==> flow/design.v <==
module alu_compare_rtl (CLK, RSTN, op_a_i, op_b_i, lower_o, mx_o);
   parameter DATA_WIDTH = 112;
   input CLK;
   input RSTN;
   input [DATA_WIDTH-1:0] op_a_i;
   input [DATA_WIDTH-1:0] op_b_i;
   output [DATA_WIDTH-1:0] lower_o;
   output [DATA_WIDTH-1:0] mx_o;
   reg [DATA_WIDTH-1:0] r_op_a;
   always @(posedge CLK) begin
      if (~RSTN) begin
         r_op_a <= 0;
      end else begin
         r_op_a <= op_a_i;
      end
   end
   reg [DATA_WIDTH-1:0] r_op_b;
   always @(posedge CLK) begin
      if (~RSTN) begin
         r_op_b <= 0;
      end else begin
         r_op_b <= op_b_i;
      end
   end
   wire tmp;
   assign tmp = r_op_a < r_op_b;
   reg [DATA_WIDTH-1:0] r_lower;
   always @(posedge CLK) begin
      if (~RSTN) begin
         r_lower <= 0;
      end else begin
         r_lower <= tmp ? r_op_a : r_op_b;
      end
   end
   assign lower_o = r_lower;
   reg [DATA_WIDTH-1:0] r_mx;
   always @(posedge CLK) begin
      if (~RSTN) begin
         r_mx <= 0;
      end else begin
         r_mx <= tmp ? r_op_b : r_op_a;
      end
   end
   assign mx_o = r_mx;
endmodule
# Reports on alu_compare_rtl

What the tools print for alu_compare_rtl, step after step.
Line numbers count from 1 in the design file above.
Operators: Yosys type, input widths -> output width; for muxes data width and select width s.
Library cell names are shortened.
Not given: -

Top module: alu_compare_rtl
Clock port: CLK
Standard-cell library: sky130hd
Library corner: tt_025C_1v80

# Elaborated design

Yosys after proc, flatten, opt, wreduce and memory -nomap, before mapping. Enables and synchronous resets that opt folds into registers are not counted as muxes. Memory bits, and registers merged into a memory's read port (data or address), are not among the register bits. Print and check cells are not counted. Equal cells are merged and count once.

Bits in registers: 448
Input bits: 226
Output and inout port bits: 224
Elaborated cells: 7

Order comparisons: 1
Mux-type cells: 2

Operators with widths:

| operator       | count |
| $mux 112       | 2 |
| $lt 112x112->1 | 1 |

# Logic depth

Longest topological path by Yosys (ltp), each cell counted once; first at word level (registers and memories cut), then after technology mapping (sequential cells cut; the memories' decode and read muxes count).

Depth in word-level cells: 2
ABC_AREA: 0
Mapped depth: 12
Gate-level depth less buffers: 10

# Mapped cells and area

Yosys stat after the flow's synthesis: flattened, memories mapped to cells. It holds for the ABC_AREA given above (unset counts as 0); a run with the other value may have another netlist.
The area totals of this step are shown rounded.

Standard cells after synthesis: 1591
Mapped area: 16600 um2
Area of sequential cells: 8970 um2
Flip-flops: 448
Buffer cells: 74

Cells by type:

| cell type | count | total area (um2) |
| dfxtp_1   | 448   | 8.97E+03 |
| mux2i_1   | 224   | 2242.15 |
| and2_1    | 224   | 1.4E+03 |
| ha_1      | 111   | 1.39E+03 |
| nand2_1   | 249   | 934.646 |
| inv_1     | 113   | 424.157 |
| a21oi_1   | 46    | 230.221 |
| clkbuf_1  | 50    | 187.68 |
| nand4_1   | 23    | 143.888 |
| a21o_1    | 15    | 112.608 |
| buf_2     | 16    | 80.077 |
| o21ai_0   | 16    | 80.077 |
| buf_4     | 7     | 52.55 |
| nand3_1   | 6     | 30.029 |
| nor2_1    | 8     | 30.029 |
| nor3_1    | 6     | 30.029 |
| a211oi_1  | 3     | 22.522 |
| nor2b_1   | 3     | 18.768 |

Other cell types: 19; their cells: 23.

# Worst setup path after synthesis

Source: OpenSTA report_checks on the synthesized netlist (no wires, ideal clock, input and output delay 20% of the period each), path of least setup slack; recovery checks are left aside. Register names are those of the netlist, which keeps one name where synthesis merged equal registers.

Kind: flip-flop to flip-flop
Start: register r_op_b[46]
End: register r_lower[100]
Period: 3.25 ns
Setup time: 0.121 ns
Launch time at the first pin: 0.000 ns
Arrival: 2.480 ns
Data required time: 3.129 ns
Path slack: 0.649 ns
Path delay: 2.601 ns
Stages on the path: 12
Path buffers: 2
Period reached after synthesis: 2.601 ns

"path delay" is the arrival time less input delay plus setup time.
"stages on the path": output pins that drive a net of the path, with the launching flip-flop's if there is one; two outputs of one cell count as two.
"period reached after synthesis" = period - worst setup slack (recovery checks aside). The figure is calculated, with input and output delays left at 20% of the set period.
The rows between start and end are the longest chain of elaborated cells between them; the timing report does not say that the signal goes this way. Where chains are equally long, one stands for them.
A line is the first line of the expression or statement that the cell stems from. Yosys adds cells for indexed reads and writes and turns some case tables into memories.

Cells stage by stage: dfxtp_1 -> inv_1 -> ha_1 -> nand4_1 -> or4_1 -> nor4_1 -> o311ai_1 -> a41oi_2 -> nor2_2 -> buf_4 -> buf_4 -> mux2i_1
Length of the longest elaborated chain: 2
Elaborated cells on any way between the ends: 2
RTL lines with such cells: 2
Classes of those cells: 1 x compare; 1 x mux

RTL lines, path after synthesis:

| what           | line | RTL |
| from (decl)    | 17   | `reg [DATA_WIDTH-1:0] r_op_b;` |
| from (assign)  | 20   | `r_op_b <= 0;` |
| from (assign)  | 22   | `r_op_b <= op_b_i;` |
| $lt 112x112->1 | 26   | `assign tmp = r_op_a < r_op_b;` |
| $mux 112       | 32   | `r_lower <= tmp ? r_op_a : r_op_b;` |
| to (assign)    | 30   | `r_lower <= 0;` |
| to (assign)    | 32   |  |
| to (decl)      | 27   | `reg [DATA_WIDTH-1:0] r_lower;` |

# Path in the finished layout

Path of least setup slack in the final report of stored run 1 (OpenROAD, finished layout, wires in). Where an end is a register, its clock arrival counts in the times.

Kind: flip-flop to flip-flop
Start: register r_op_b[45]
End: register r_lower[16]
Period: 3.25 ns
Setup time: 0.11 ns
Launch time at the first pin: 0.56 ns
Arrival: 3.49 ns
Data required time: 3.70 ns
Path slack: 0.20 ns
Stages on the path: 12
Path buffers: 2

The rows between start and end are the longest chain of elaborated cells between them; the timing report does not say that the signal goes this way. Where chains are equally long, one stands for them.

Cells stage by stage: dfxtp_1 -> inv_1 -> ha_1 -> nand4_1 -> or4_1 -> nor4_4 -> o311ai_4 -> a41oi_2 -> nor2_4 -> buf_12 -> buf_12 -> mux2i_1
Length of the longest elaborated chain: 2
Elaborated cells on any way between the ends: 2
RTL lines with such cells: 2
Classes of those cells: 1 x compare; 1 x mux

RTL lines, path post-layout:

| what           | line | RTL |
| from (decl)    | 17   | `reg [DATA_WIDTH-1:0] r_op_b;` |
| from (assign)  | 20   | `r_op_b <= 0;` |
| from (assign)  | 22   | `r_op_b <= op_b_i;` |
| $lt 112x112->1 | 26   | `assign tmp = r_op_a < r_op_b;` |
| $mux 112       | 32   | `r_lower <= tmp ? r_op_a : r_op_b;` |
| to (assign)    | 30   | `r_lower <= 0;` |
| to (assign)    | 32   |  |
| to (decl)      | 27   | `reg [DATA_WIDTH-1:0] r_lower;` |

Subject: alu_compare_rtl on sky130hd, stored results

Hello all,

Measured data: module alu_compare_rtl, platform sky130hd, 3 stored runs of the flow under differing settings, order arbitrary. Input and output delays are each 20% of the period that was set; the output load is 0.01 pF.
"reached clock period" = clock period - worst setup slack. The figure is calculated, with input and output delays left at 20% of the set period.
"critical setup path time" is the time allowed to the run's worst setup path (the clock period less input and output delay, where it has them) less its slack. Clock arrival times count: a late capture clock shortens it, a late launch clock lengthens it.
"power": no workload was simulated; the value follows from the tool's default switching activity.
The measured numbers are rounded.
Among the settings, -- means not set for that run.

| name                                      | stored run 1           | stored run 2           | stored run 3           |
| period_ns                                 | 3.25                   | 4.76                   | 4.29                   |
| CAP_MARGIN                                | 20                     | 20                     | 20                     |
| CORE_MARGIN                               | 2                      | 2                      | 2                      |
| CORE_UTILIZATION                          | 40                     | 23                     | 26                     |
| SLEW_MARGIN                               | 20                     | 20                     | 20                     |
| SETUP_SLACK_MARGIN                        | --                     | 0.68                   | 0.32                   |
| PLACE_DENSITY_LB_ADDON                    | --                     | 0.17                   | 0.01                   |
| CELL_PAD_IN_SITES_GLOBAL_PLACEMENT        | --                     | 1                      | 2                      |
| CELL_PAD_IN_SITES_DETAIL_PLACEMENT        | --                     | 0                      | --                     |
| TNS_END_PERCENT                           | --                     | 75                     | 50                     |
| CTS_CLUSTER_SIZE                          | --                     | --                     | 19                     |
| MAX_ROUTING_LAYER                         | --                     | --                     | met4                   |
| Yosys chip area after synthesis (um2)     | 16600                  | 16600                  | 16600                  |
| critical setup path time (ns)             | 3.05                   | 3.65                   | 3.57                   |
| kind of the worst setup path              | flip-flop to flip-flop | flip-flop to flip-flop | flip-flop to flip-flop |
| die size (um2)                            | 43100                  | 74200                  | 65800                  |
| power (mW)                                | 13.7                   | 9.45                   | 10.6                   |
| final setup TNS (ns)                      | 0.000                  | 0.000                  | 0.000                  |
| worst hold slack in the final report (ns) | 0.475                  | 0.462                  | 0.480                  |
| standard-cell area after routing (um2)    | 23400                  | 23800                  | 23800                  |
| reached clock period (ns)                 | 3.045                  | 3.650                  | 3.569                  |
| post-route utilization (%)                | 57.4                   | 33.4                   | 37.7                   |
| worst slack on setup checks (ns)          | 0.205                  | 1.11                   | 0.721                  |

Thanks
